==> flow/design.v <==
module u_shifter_v2 #(
  parameter int NBITS = 10,
  parameter int SEL_W = $clog2(NBITS)
) (
  input  logic clk,
  input  logic [NBITS-1:0] din_i,
  input  logic [SEL_W-1:0] by_i,
  output logic [NBITS-1:0] o_o
);
  logic [NBITS-1:0] r_din;
  logic [SEL_W-1:0] r_by;
  always_ff @(posedge clk) begin
    r_din <= din_i;
    r_by <= by_i;
  end
  wire [NBITS-1:0] lvl [0:SEL_W];
  assign lvl[0] = r_din;
  generate
    for (genvar i = 0; i < SEL_W; i++) begin : gen
      assign lvl[i+1] = r_by[i] ? (lvl[i] << (1 << i)) | (lvl[i] >> (NBITS - (1 << i))) : lvl[i];
    end
  endgenerate
  assign o_o = lvl[SEL_W];
endmodule
Ticket comment

== Tool chain data of u_shifter_v2 ==
A sweep over "NBITS": the same steps for each member of the family.
The RTL above is that of NBITS = 10; lines are counted from 1 in the file of the member named.
Library cell names are shortened.
A cell with -- has no value.
Set-up
  top: u_shifter_v2
  clock input: clk
  cell library: sky130hd
  library corner: tt_025C_1v80

== Source of the members ==
New or changed lines of each further member against the RTL above, in its own file; lines it lacks are not shown.
New or changed lines
  NBITS 12: RTL line 2  | parameter int NBITS = 12,
  NBITS 28: RTL line 2  | parameter int NBITS = 28,

== Word level ==
Source: Yosys, flattened and elaborated. Widths are those after wreduce; folded enables and synchronous resets count as part of the registers. Registers that Yosys merges into a memory's read port (data or address) are not register bits. Print and check cells do not count. Equal cells are merged and count once.
Word-level totals
  NBITS 10: register bits 14, word-level cells 10
  NBITS 12: register bits 16, word-level cells 10
  NBITS 28: register bits 33, word-level cells 12
Cells by class
  NBITS 10: multiplexer cells 4, bitwise operators 4
  NBITS 12: multiplexer cells 4, bitwise operators 4
  NBITS 28: multiplexer cells 5, bitwise operators 5
Operator list (kind and count)
  NBITS 10: 4 x 2-to-1 mux 10 bit; 1 x OR 10 x 1 -> 10 bit; 1 x OR 10 x 2 -> 10 bit; 1 x OR 10 x 4 -> 10 bit; 1 x OR 10 x 8 -> 10 bit
  NBITS 12: 4 x 2-to-1 mux 12 bit; 1 x OR 12 x 1 -> 12 bit; 1 x OR 12 x 2 -> 12 bit; 1 x OR 12 x 4 -> 12 bit; 1 x OR 12 x 8 -> 12 bit
  NBITS 28: 5 x 2-to-1 mux 28 bit; 1 x OR 28 x 1 -> 28 bit; 1 x OR 28 x 16 -> 28 bit; 1 x OR 28 x 2 -> 28 bit; 1 x OR 28 x 4 -> 28 bit; 1 x OR 28 x 8 -> 28 bit

== Longest topological paths ==
Yosys ltp: most cells in a row. Word level: on the elaborated netlist, between registers, memories and ports. Mapped: between sequential cells and ports; inverters and the memories' decode and read muxes count.
Depth
  NBITS 10: depth in word-level cells 8, ABC_AREA 0, mapped depth 4, mapped depth without buffers 3
  NBITS 12: depth in word-level cells 8, ABC_AREA 0, mapped depth 4, mapped depth without buffers 3
  NBITS 28: depth in word-level cells 10, ABC_AREA 0, mapped depth 5, mapped depth without buffers 3

== After synthesis ==
Source: synth_stat.txt of the flow (Yosys; design flattened, memories mapped). It holds for the ABC_AREA given above (unset counts as 0); a run with the other value may have another netlist.
Mapped netlist
  NBITS 10: mapped area 774.5 sq um, mapped cells 48, flip-flops 14
  NBITS 12: mapped area 862.1 sq um, mapped cells 74, flip-flops 16
  NBITS 28: mapped area 2371.0 sq um, mapped cells 132, flip-flops 33
Cells by type (type and count)
  NBITS 10: 14 x dfxtp_1; 10 x mux4_1; 20 x mux2i_1; 2 x buf_6; 1 x buf_2; 1 x buf_1
  NBITS 12: 16 x dfxtp_1; 8 x mux4_2; 4 x mux4_1; 12 x a22oi_1; 12 x o21ai_0; 12 x nand2_1; 2 x buf_6; 2 x nor2b_1; 3 x clkbuf_1; 1 x and2_1; 1 x buf_2; 1 x nor2_1
  NBITS 28: 48 x mux4_2; 33 x dfxtp_1; 28 x mux2_2; 8 x mux4_1; 2 x buf_12; 6 x buf_2; 5 x clkbuf_1; 1 x buf_6; 1 x buf_1

== Path before layout ==
Source: OpenSTA report_checks on the synthesized netlist (no wires, ideal clock, input and output delay 20% of the period each), path of least setup slack; recovery checks are left aside. Register names are those of the netlist, which keeps one name where synthesis merged equal registers.
Timing after synthesis
  NBITS 10: kind register to output, start point reg r_by[0], end point out o_o[0], clock period 2.05 ns, path delay 1.309 ns, slack 0.331 ns, stages 5, period reached after synthesis 1.719 ns
  NBITS 12: kind register to output, start point reg r_by[0], end point out o_o[0], clock period 2.1 ns, path delay 1.344 ns, slack 0.336 ns, stages 5, period reached after synthesis 1.764 ns
  NBITS 28: kind register to output, start point reg r_by[3], end point out o_o[22], clock period 3.07 ns, path delay 1.965 ns, slack 0.491 ns, stages 6, period reached after synthesis 2.579 ns
"path delay" is the arrival time less input delay plus setup time.
A path that ends at an output port has no setup time.
"stages": output pins that drive a net of the path, with the launching flip-flop's if there is one; two outputs of one cell count as two.
"period reached after synthesis" is the clock period less the worst setup slack; recovery checks do not enter. This is arithmetic on one report: input and output delays are still those of the set period (20% each).
Between the ends stands the longest chain of elaborated cells between them, by number of cells; it is not shown to be the way that was timed. Of several equally long chains one is given.
A line is the first line of the expression or statement that the cell stems from. Yosys adds cells for indexed reads and writes and turns some case tables into memories.
On the way, after synthesis, NBITS = 10
  length of the longest elaborated chain: 7
Ends and longest elaborated chain, after synthesis, NBITS = 10
  start: declaration: RTL line 11  | logic [SEL_W-1:0] r_by;
  start: assignment: RTL line 14  | r_by <= by_i;
  2-to-1 mux 10 bit: RTL line 20  | assign lvl[i+1] = r_by[i] ? (lvl[i] << (1 << i)) | (lvl[i] >> (NBITS - (1 << i))) : lvl[i];
  OR 10 x 2 -> 10 bit: RTL line 20
  2-to-1 mux 10 bit: RTL line 20
  OR 10 x 4 -> 10 bit: RTL line 20
  2-to-1 mux 10 bit: RTL line 20
  OR 10 x 8 -> 10 bit: RTL line 20
  2-to-1 mux 10 bit: RTL line 20
  end: declaration: RTL line 8  | output logic [NBITS-1:0] o_o
On the way, after synthesis, NBITS = 28
  length of the longest elaborated chain: 3
Ends and longest elaborated chain, after synthesis, NBITS = 28
  start: declaration: RTL line 11  | logic [SEL_W-1:0] r_by;
  start: assignment: RTL line 14  | r_by <= by_i;
  2-to-1 mux 28 bit: RTL line 20  | assign lvl[i+1] = r_by[i] ? (lvl[i] << (1 << i)) | (lvl[i] >> (NBITS - (1 << i))) : lvl[i];
  OR 28 x 16 -> 28 bit: RTL line 20
  2-to-1 mux 28 bit: RTL line 20
  end: declaration: RTL line 8  | output logic [NBITS-1:0] o_o

== Timing after layout ==
Path of least setup slack in the final report of each member's run (OpenROAD, finished layout, wires in). Where an end is a register, its clock arrival counts in the times.
Timing post-layout
  NBITS 10: kind register to output, start point reg r_by[0], end point out o_o[0], stages 7, slack -0.17 ns, clock period 2.05 ns, arrival time 1.81 ns
  NBITS 12: kind register to output, start point reg r_by[0], end point out o_o[1], stages 6, slack -0.04 ns, clock period 2.1 ns, arrival time 1.72 ns
  NBITS 28: kind register to output, start point reg r_by[0], end point out o_o[4], stages 7, slack 0.02 ns, clock period 3.07 ns, arrival time 2.43 ns

== Flow runs ==
One run of the flow (Yosys, OpenROAD) for each member, with settings and measured results. Input and output delays are each 20% of the period that was set; the output load is 0.01 pF.
Flow settings
  CAP_MARGIN: 20
  CORE_MARGIN: 2
  CORE_UTILIZATION: 40
  SLEW_MARGIN: 20
Settings by member (period_ns)
  NBITS 10: 2.05
  NBITS 12: 2.1
  NBITS 28: 3.07
Measured results
  NBITS 10: total negative setup slack -1.285 ns, clock period achieved 2.219 ns, setup slack of the critical path -0.169 ns, final utilization 61.6%, power 0.6646 mW, mapped cell area after synthesis 774.5 sq um, worst-case hold slack 0.582 ns, standard-cell area after layout 1098.5 sq um, die area 2304.0 sq um
  NBITS 12: total negative setup slack -0.137 ns, clock period achieved 2.140 ns, setup slack of the critical path -0.040 ns, final utilization 60.5%, power 0.7498 mW, mapped cell area after synthesis 862.1 sq um, worst-case hold slack 0.564 ns, standard-cell area after layout 1211.2 sq um, die area 2542.7 sq um
  NBITS 28: total negative setup slack 0.000 ns, clock period achieved 3.049 ns, setup slack of the critical path 0.021 ns, final utilization 57.6%, power 1.409 mW, mapped cell area after synthesis 2371.0 sq um, worst-case hold slack 0.775 ns, standard-cell area after layout 3348.2 sq um, die area 6559.4 sq um
"clock period achieved" is the run's clock period less its worst setup slack. It is reckoned from that one timing run; input and output delays stay at 20% of the period that was set.
"power" is the tool's figure for a default switching activity; nothing was simulated.
